==> flow/design.v <==
module alu_summer_top #(
   parameter int BITS = 32
) (
   input  logic clk,
   input  logic [BITS-1:0] x,
   input  logic [BITS-1:0] y,
   input  logic c0,
   output logic [BITS-1:0] q,
   output logic cout
);
   logic [BITS-1:0] r_x;
   always_ff @(posedge clk) begin
      r_x <= x;
   end
   logic [BITS-1:0] r_y;
   always_ff @(posedge clk) begin
      r_y <= y;
   end
   logic r_c0;
   always_ff @(posedge clk) begin
      r_c0 <= c0;
   end
   logic [BITS:0] r;
   assign r = r_x + r_y + r_c0;
   always_ff @(posedge clk) begin
      q <= r[BITS-1:0];
   end
   always_ff @(posedge clk) begin
      cout <= r[BITS];
   end
endmodule
=== From RTL to reports: alu_summer_top ===
What the tools print for alu_summer_top, step after step.
Lines are those of the file above, counted from 1.
Operators: Yosys type, input widths -> output width; for muxes data width and select width s.
Library cell names are shortened.
A cell with - has no value.

* Top module: alu_summer_top
* Clock port: clk
* Library: sky130hd
* Corner: tt_025C_1v80

=== After elaboration ===
Source: Yosys, flattened and elaborated, memories not mapped. Widths are those after wreduce; folded enables and synchronous resets count as part of the registers. Registers that Yosys merges into a memory's read port (data or address) are not register bits. Print and check cells do not count. Equal cells are merged and count once.

* Register bits after elaboration: 98
* Bits of input ports: 66
* Word-level cells: 7

* $add $sub $neg: 2

{| class="wikitable"
|+ Operators by type and width
! cell !! number
|-
| $add 32x32->33 || 1
|-
| $add 33x1->33 || 1
|}

=== Depth ===
Depth = most cells in a row (Yosys ltp): at word level without a register or memory, in the mapped netlist without a sequential cell, where the memories' decode and read muxes count.

* Depth in word-level cells: 2
* ABC_AREA: 1
* Gate-level depth with buffers: 12

=== After synthesis ===
The flow's flattened synthesis, as Yosys stat reports it; memories are mapped. The netlist is that of the ABC_AREA named above (0 if unset); the other value can give another one.

{| class="wikitable"
|+ Cell types
! type !! number
|-
| dfxtp_1 || 98
|-
| nand2_1 || 231
|-
| inv_1 || 117
|-
| ha_1 || 31
|-
| nor2_1 || 38
|-
| nand3_1 || 27
|-
| xor2_1 || 14
|-
| a21oi_1 || 21
|-
| fa_1 || 2
|-
| nand2_2 || 6
|-
| nor3_1 || 5
|-
| nand4_1 || 3
|-
| nor2_2 || 2
|-
| nand3_2 || 1
|-
| xnor2_1 || 1
|-
| a21o_1 || 1
|-
| nand3b_1 || 1
|-
| nor3b_1 || 1
|}

Not listed: further types 3, cells in them 3.

* Cells in the netlist: 603
* Chip area (Yosys): 4355.4 um2
* Sequential part of the area: 1961.9 um2
* Flip-flop cells: 98
* Buffer cells: 0

=== Path before layout ===
OpenSTA on the mapped netlist: ideal clock, no wires. The path of least setup slack (recovery checks aside). Input and output delay are each 20% of the period. Register names are those of the netlist, which keeps one name where synthesis merged equal registers.

* Path type: register to register
* Start point: reg r_x[0]
* End point: reg q[28]
* Period: 3.41 ns
* Library setup time: 0.112 ns
* Data arrival time: 1.852 ns
* Slack: 1.445 ns
* Delay of the path: 1.964 ns
* Driving pins on the path: 13
* Synthesis period reached: 1.965 ns

"delay of the path" = arrival - input delay + setup time.
"driving pins on the path": output pins that drive a net of the path, with the launching flip-flop's if there is one; two outputs of one cell count as two.
"synthesis period reached" = period - worst setup slack (recovery checks aside). The figure is calculated, with input and output delays left at 20% of the set period.
The rows between start and end are the longest chain of elaborated cells between them; the timing report does not say that the signal goes this way. Where chains are equally long, one stands for them.
A line is the first line of the expression or statement that the cell stems from. Yosys adds cells for indexed reads and writes and turns some case tables into memories.

* Path through: dfxtp_1 > fa_1 > fa_1 > nand3_1 > nand3_1 > nand2_1 > nand2_2 > nand2_1 > nand2_2 > nand2_1 > nand2_1 > nand2_1 > nand2_1
* Cells in the longest elaborated chain: 2
* Elaborated cells on any way between the ends: 2
* Source lines of those cells: 1
* Those cells by class: 2 x add/sub

{| class="wikitable"
|+ Ends and longest elaborated chain, after synthesis
! item !! line !! source
|-
| start, declared || 11 || <nowiki>logic [BITS-1:0] r_x;</nowiki>
|-
| start, assigned || 13 || <nowiki>r_x <= x;</nowiki>
|-
| $add 32x32->33 || 24 || <nowiki>assign r = r_x + r_y + r_c0;</nowiki>
|-
| $add 33x1->33 || 24 ||
|-
| end, assigned || 26 || <nowiki>q <= r[BITS-1:0];</nowiki>
|-
| end, declared || 8 || <nowiki>output logic [BITS-1:0] q,</nowiki>
|}

=== Path in the finished layout ===
Path of least setup slack in the final report of stored run 1 (OpenROAD, finished layout, wires in). Where an end is a register, its clock arrival counts in the times.

* Path type: register to output
* Start point: reg q[28]
* End point: out q[28]
* Period: 5.1 ns
* Output delay: 1.02 ns
* Data arrival time: 1.28 ns
* Slack: 2.80 ns
* Driving pins on the path: 2

* Path through: dfxtp_1 > clkdlybuf4s50_1
* Cells in the longest elaborated chain: 0
* Elaborated cells on any way between the ends: 0
* Source lines of those cells: 0

{| class="wikitable"
|+ Ends and longest elaborated chain, after layout
! item !! line !! source
|-
| start, declared || 8 || <nowiki>output logic [BITS-1:0] q,</nowiki>
|-
| start, assigned || 26 || <nowiki>q <= r[BITS-1:0];</nowiki>
|-
| end, declared || 8 ||
|}

Add stored flow runs of alu_summer_top

Stored flow runs of alu_summer_top (3 of them; Yosys, OpenROAD, sky130hd). They differ in their settings and are not a sequence. Constraints: input delay and output delay 20% of the set period each, output load 0.01 pF.
"period reached" = clock period - worst setup slack. The figure is calculated, with input and output delays left at 20% of the set period.
"critical setup path time" means the part of the period allowed to the worst setup path (the constraints hold back 20% at inputs and 20% at outputs) less its slack; where the path has registers, the arrival times of their clocks count too.
"power consumption": no workload was simulated; the value follows from the tool's default switching activity.

=== Stored run 1 ===
{| class="wikitable"
! Setting !! Value
|-
| period_ns || 5.1
|-
| CORE_UTILIZATION || 22
|-
| SETUP_SLACK_MARGIN || 1.36
|-
| PLACE_DENSITY_LB_ADDON || 0.09
|-
| HOLD_SLACK_MARGIN || -0.08
|-
| CELL_PAD_IN_SITES_GLOBAL_PLACEMENT || 3
|-
| CELL_PAD_IN_SITES_DETAIL_PLACEMENT || 2
|-
| ABC_AREA || 1
|-
| GPL_ROUTABILITY_DRIVEN || 1
|-
| CTS_CLUSTER_SIZE || 69
|-
| CAP_MARGIN || 20
|-
| CORE_MARGIN || 2
|-
| SLEW_MARGIN || 20
|-
! Result !! Value
|-
| Synthesized cell area || 4355.4 um2
|-
| Die footprint || 20939.5 um2
|-
| Standard-cell area after layout || 6034.5 um2
|-
| Final design utilization || 0.31
|-
| Setup slack of the worst path || 2.803 ns
|-
| Total negative slack on setup checks || 0.000 ns
|-
| Lowest hold slack || 0.504 ns
|-
| Power consumption || 2191 uW
|-
| Period reached || 2.297 ns
|-
| Critical setup path time || 1.28 ns
|-
| Class of the worst setup path || register to output
|}

=== Stored run 2 ===
{| class="wikitable"
! Setting !! Value
|-
| period_ns || 3.41
|-
| CAP_MARGIN || 20
|-
| CORE_MARGIN || 2
|-
| CORE_UTILIZATION || 40
|-
| SLEW_MARGIN || 20
|-
! Result !! Value
|-
| Synthesized cell area || 3701.0 um2
|-
| Die footprint || 10038.0 um2
|-
| Standard-cell area after layout || 4969.8 um2
|-
| Final design utilization || 0.546
|-
| Setup slack of the worst path || 0.479 ns
|-
| Total negative slack on setup checks || 0.000 ns
|-
| Lowest hold slack || 0.517 ns
|-
| Power consumption || 2687 uW
|-
| Period reached || 2.931 ns
|-
| Critical setup path time || 2.93 ns
|-
| Class of the worst setup path || register to register
|}

=== Stored run 3 ===
{| class="wikitable"
! Setting !! Value
|-
| period_ns || 1.88
|-
| CORE_UTILIZATION || 48
|-
| SETUP_SLACK_MARGIN || 0.56
|-
| PLACE_DENSITY_LB_ADDON || 0.06
|-
| HOLD_SLACK_MARGIN || -0.01
|-
| CELL_PAD_IN_SITES_GLOBAL_PLACEMENT || 2
|-
| TNS_END_PERCENT || 40
|-
| ABC_AREA || 0
|-
| CTS_CLUSTER_DIAMETER || 30
|-
| MAX_ROUTING_LAYER || met4
|-
| CAP_MARGIN || 20
|-
| CORE_MARGIN || 2
|-
| SLEW_MARGIN || 20
|}
Stopped before the end: placement reported FLW-0024.
